==> flow/design.v <==
module core_muxn_mod #(
  parameter integer W = 10,
  parameter integer NUM = 2,
  parameter integer LG = $clog2(NUM)
) (
  input  logic sys_clk,
  input  logic en,
  input  logic [NUM*W-1:0] in,
  input  logic [LG-1:0] addr,
  output logic [W-1:0] y
);
  wire [W-1:0] tree [1:2*NUM-1];
  for (genvar gi = 0; gi < NUM; gi++) begin : each
    assign tree[NUM+gi] = in[gi*W +: W];
  end
  for (genvar gi = 1; gi < NUM; gi++) begin : u_g
    sel2 #(.N(W)) unit (.a(tree[2*gi]), .b(tree[2*gi+1]), .s(addr[LG - $clog2(gi+1)]), .y(tree[gi]));
  end
  always_ff @(posedge sys_clk) begin
    if (en) begin
      y <= tree[1];
    end
  end
endmodule
module sel2 #(parameter N = 1) (
  input logic [N-1:0] a,
  input logic [N-1:0] b,
  input logic s,
  output logic [N-1:0] y
);
  assign y = s ? b : a;
endmodule
Reports on core_muxn_mod
The steps from the RTL of core_muxn_mod to its reports follow in flow order.
Lines are those of the file above, counted from 1.
Operators carry their Yosys type and port widths (W data, S select, Z words).
Library cell names are shortened.
Not given: -
Set-up
  top: core_muxn_mod
  clock port: sys_clk
  cell library: sky130hd
  timing corner: tt_025C_1v80

Elaborated design
Counts by Yosys on the flattened word-level netlist (proc, flatten, opt, wreduce; memories kept). Register bits leave out memories and registers merged into their read ports (data or address); mux counts leave out enables and synchronous resets folded into registers. Print and check cells are left out. Cells with the same type and inputs are merged into one.
Bit counts
  register bits: 10
  word-level cells: 2
  input port bits: 23
Operators by class
  mux-type cells: 1
Operator list (number)
  $mux W10: 1

Depth
Depth = most cells in a row (Yosys ltp): at word level without a register or memory, in the mapped netlist without a sequential cell, where the memories' decode and read muxes count.
Logic depth
  depth in word-level cells: 1
  ABC_AREA: 1
  depth in mapped cells: 3
  gate-level depth less buffers: 3

Mapped cells and area
The flow's flattened synthesis, as Yosys stat reports it; memories are mapped. The netlist is that of the ABC_AREA named above (0 if unset); the other value can give another one.
Synthesis totals
  flip-flops: 10
  cell area after synthesis: 427.9 um^2
  sequential part of the area: 300.3 um^2
  buffers: 1
  standard cells after synthesis: 42
Cells by type (number)
  edfxtp_1: 10
  nand2_1: 30
  buf_6: 1
  inv_2: 1

Path before layout
Source: OpenSTA report_checks on the synthesized netlist (no wires, ideal clock, input and output delay 20% of the period each), path of least setup slack; recovery checks are left aside. Register names are those of the netlist, which keeps one name where synthesis merged equal registers.
Path post-synthesis
  path kind: input port to flip-flop
  start: input addr[0]
  end: register y[5]
  path delay: 0.457 ns
  path buffers: 1
  launch time at the first pin: 0.218 ns
  stages: 3
  input delay: 0.218 ns
  arrival time: 0.423 ns
  required time: 0.838 ns
  setup time: 0.252 ns
  slack: 0.415 ns
  period: 1.09 ns
  synthesis period reached: 0.675 ns
"path delay" is the arrival time less input delay plus setup time.
"stages" counts driving pins, that of a launching flip-flop among them; a cell with two outputs on the path counts twice.
"synthesis period reached" = period - worst setup slack (recovery checks aside). The figure is calculated, with input and output delays left at 20% of the set period.
The rows between start and end are the longest chain of elaborated cells between them; the timing report does not say that the signal goes this way. Where chains are equally long, one stands for them.
Each line given opens the expression or statement behind the cell; cells for indexed reads and writes are added by Yosys, which also makes memories of some case tables.
On the way, post-synthesis
  path through: buf_6 nand2_1 nand2_1
  length of the longest elaborated chain: 1
RTL lines, path post-synthesis
  start: declaration: line 9  | input  logic [LG-1:0] addr,
  $mux W10: line 31  | assign y = s ? b : a;
  end: assignment: line 21  | y <= tree[1];
  end: declaration: line 10  | output logic [W-1:0] y

Timing after layout
Path of least setup slack in the final report of flow run 2 (OpenROAD, finished layout, wires in). Where an end is a register, its clock arrival counts in the times.
Path after layout
  path kind: flip-flop to output port
  start: register y[2]
  end: output y[2]
  arrival time: 0.78 ns
  stages: 2
  slack: -0.06 ns
  output delay: 0.18 ns
  path buffers: 1
  period: 0.898 ns
  launch time at the first pin: 0.26 ns
  required time: 0.72 ns
On the way, after layout
  path through: edfxtp_1 buf_2
  length of the longest elaborated chain: 0
RTL lines, path after layout
  start: declaration: line 10  | output logic [W-1:0] y
  start: assignment: line 21  | y <= tree[1];
  end: declaration: line 10

Lab notebook: core_muxn_mod

Below are 3 stored runs of the flow (Yosys, OpenROAD; platform sky130hd) on core_muxn_mod, each with its settings and what was measured, unordered. Constraints: input delay and output delay 20% of the set period each, output load 0.01 pF.
"clock period reached": clock period set for the run, less the worst setup slack. It is reckoned from that one timing run; input and output delays stay at 20% of the period that was set.
"worst path time" = time allowed to the worst setup path (clock period - input delay - output delay, where it has them) - its slack; a late launch clock adds to it, a late capture clock takes from it.
"total power of the final layout" rests on the timing tool's default activity at the inputs, not on a simulated workload.

==> flow run 1: settings <==
{ "period_ns": 1.49, "CORE_UTILIZATION": 32, "PLACE_DENSITY_LB_ADDON": 0.1, "CORE_MARGIN": 4, "CELL_PAD_IN_SITES_DETAIL_PLACEMENT": 2, "ABC_AREA": 1, "GPL_TIMING_DRIVEN": 1, "CTS_CLUSTER_SIZE": 98, "CTS_CLUSTER_DIAMETER": 136, "CAP_MARGIN": 20, "SLEW_MARGIN": 20 }
==> flow run 1: results <==
unfinished; error DPL-0033 in placement

==> flow run 2: settings <==
{ "period_ns": 0.898, "CORE_UTILIZATION": 22, "SETUP_SLACK_MARGIN": 0.13, "CORE_MARGIN": 4, "CELL_PAD_IN_SITES_GLOBAL_PLACEMENT": 3, "CELL_PAD_IN_SITES_DETAIL_PLACEMENT": 1, "TNS_END_PERCENT": 90, "ABC_AREA": 1, "CTS_CLUSTER_SIZE": 45, "CAP_MARGIN": 25, "SLEW_MARGIN": 35, "MIN_ROUTING_LAYER": "met1", "MAX_ROUTING_LAYER": "met5" }
==> flow run 2: results <==
worst setup slack after layout: -0.059 ns
total power of the final layout: 1.128 mW
area of the die: 2714.4 um^2
worst-case hold slack: 0.438 ns
standard-cell area after routing: 808.3 um^2
worst path time: 0.78 ns
critical path type: flip-flop to output port
clock period reached: 0.957 ns
post-route setup TNS: -0.420 ns
final design utilization: 0.453
chip area in the Yosys report: 427.9 um^2

==> flow run 3: settings <==
{ "period_ns": 1.09, "CAP_MARGIN": 20, "CORE_MARGIN": 2, "CORE_UTILIZATION": 40, "SLEW_MARGIN": 20 }
==> flow run 3: results <==
worst setup slack after layout: 0.019 ns
total power of the final layout: 0.9396 mW
area of the die: 1442.1 um^2
worst-case hold slack: 0.605 ns
standard-cell area after routing: 808.3 um^2
worst path time: 0.85 ns
critical path type: flip-flop to output port
clock period reached: 1.071 ns
post-route setup TNS: 0.000 ns
final design utilization: 0.737
chip area in the Yosys report: 461.7 um^2
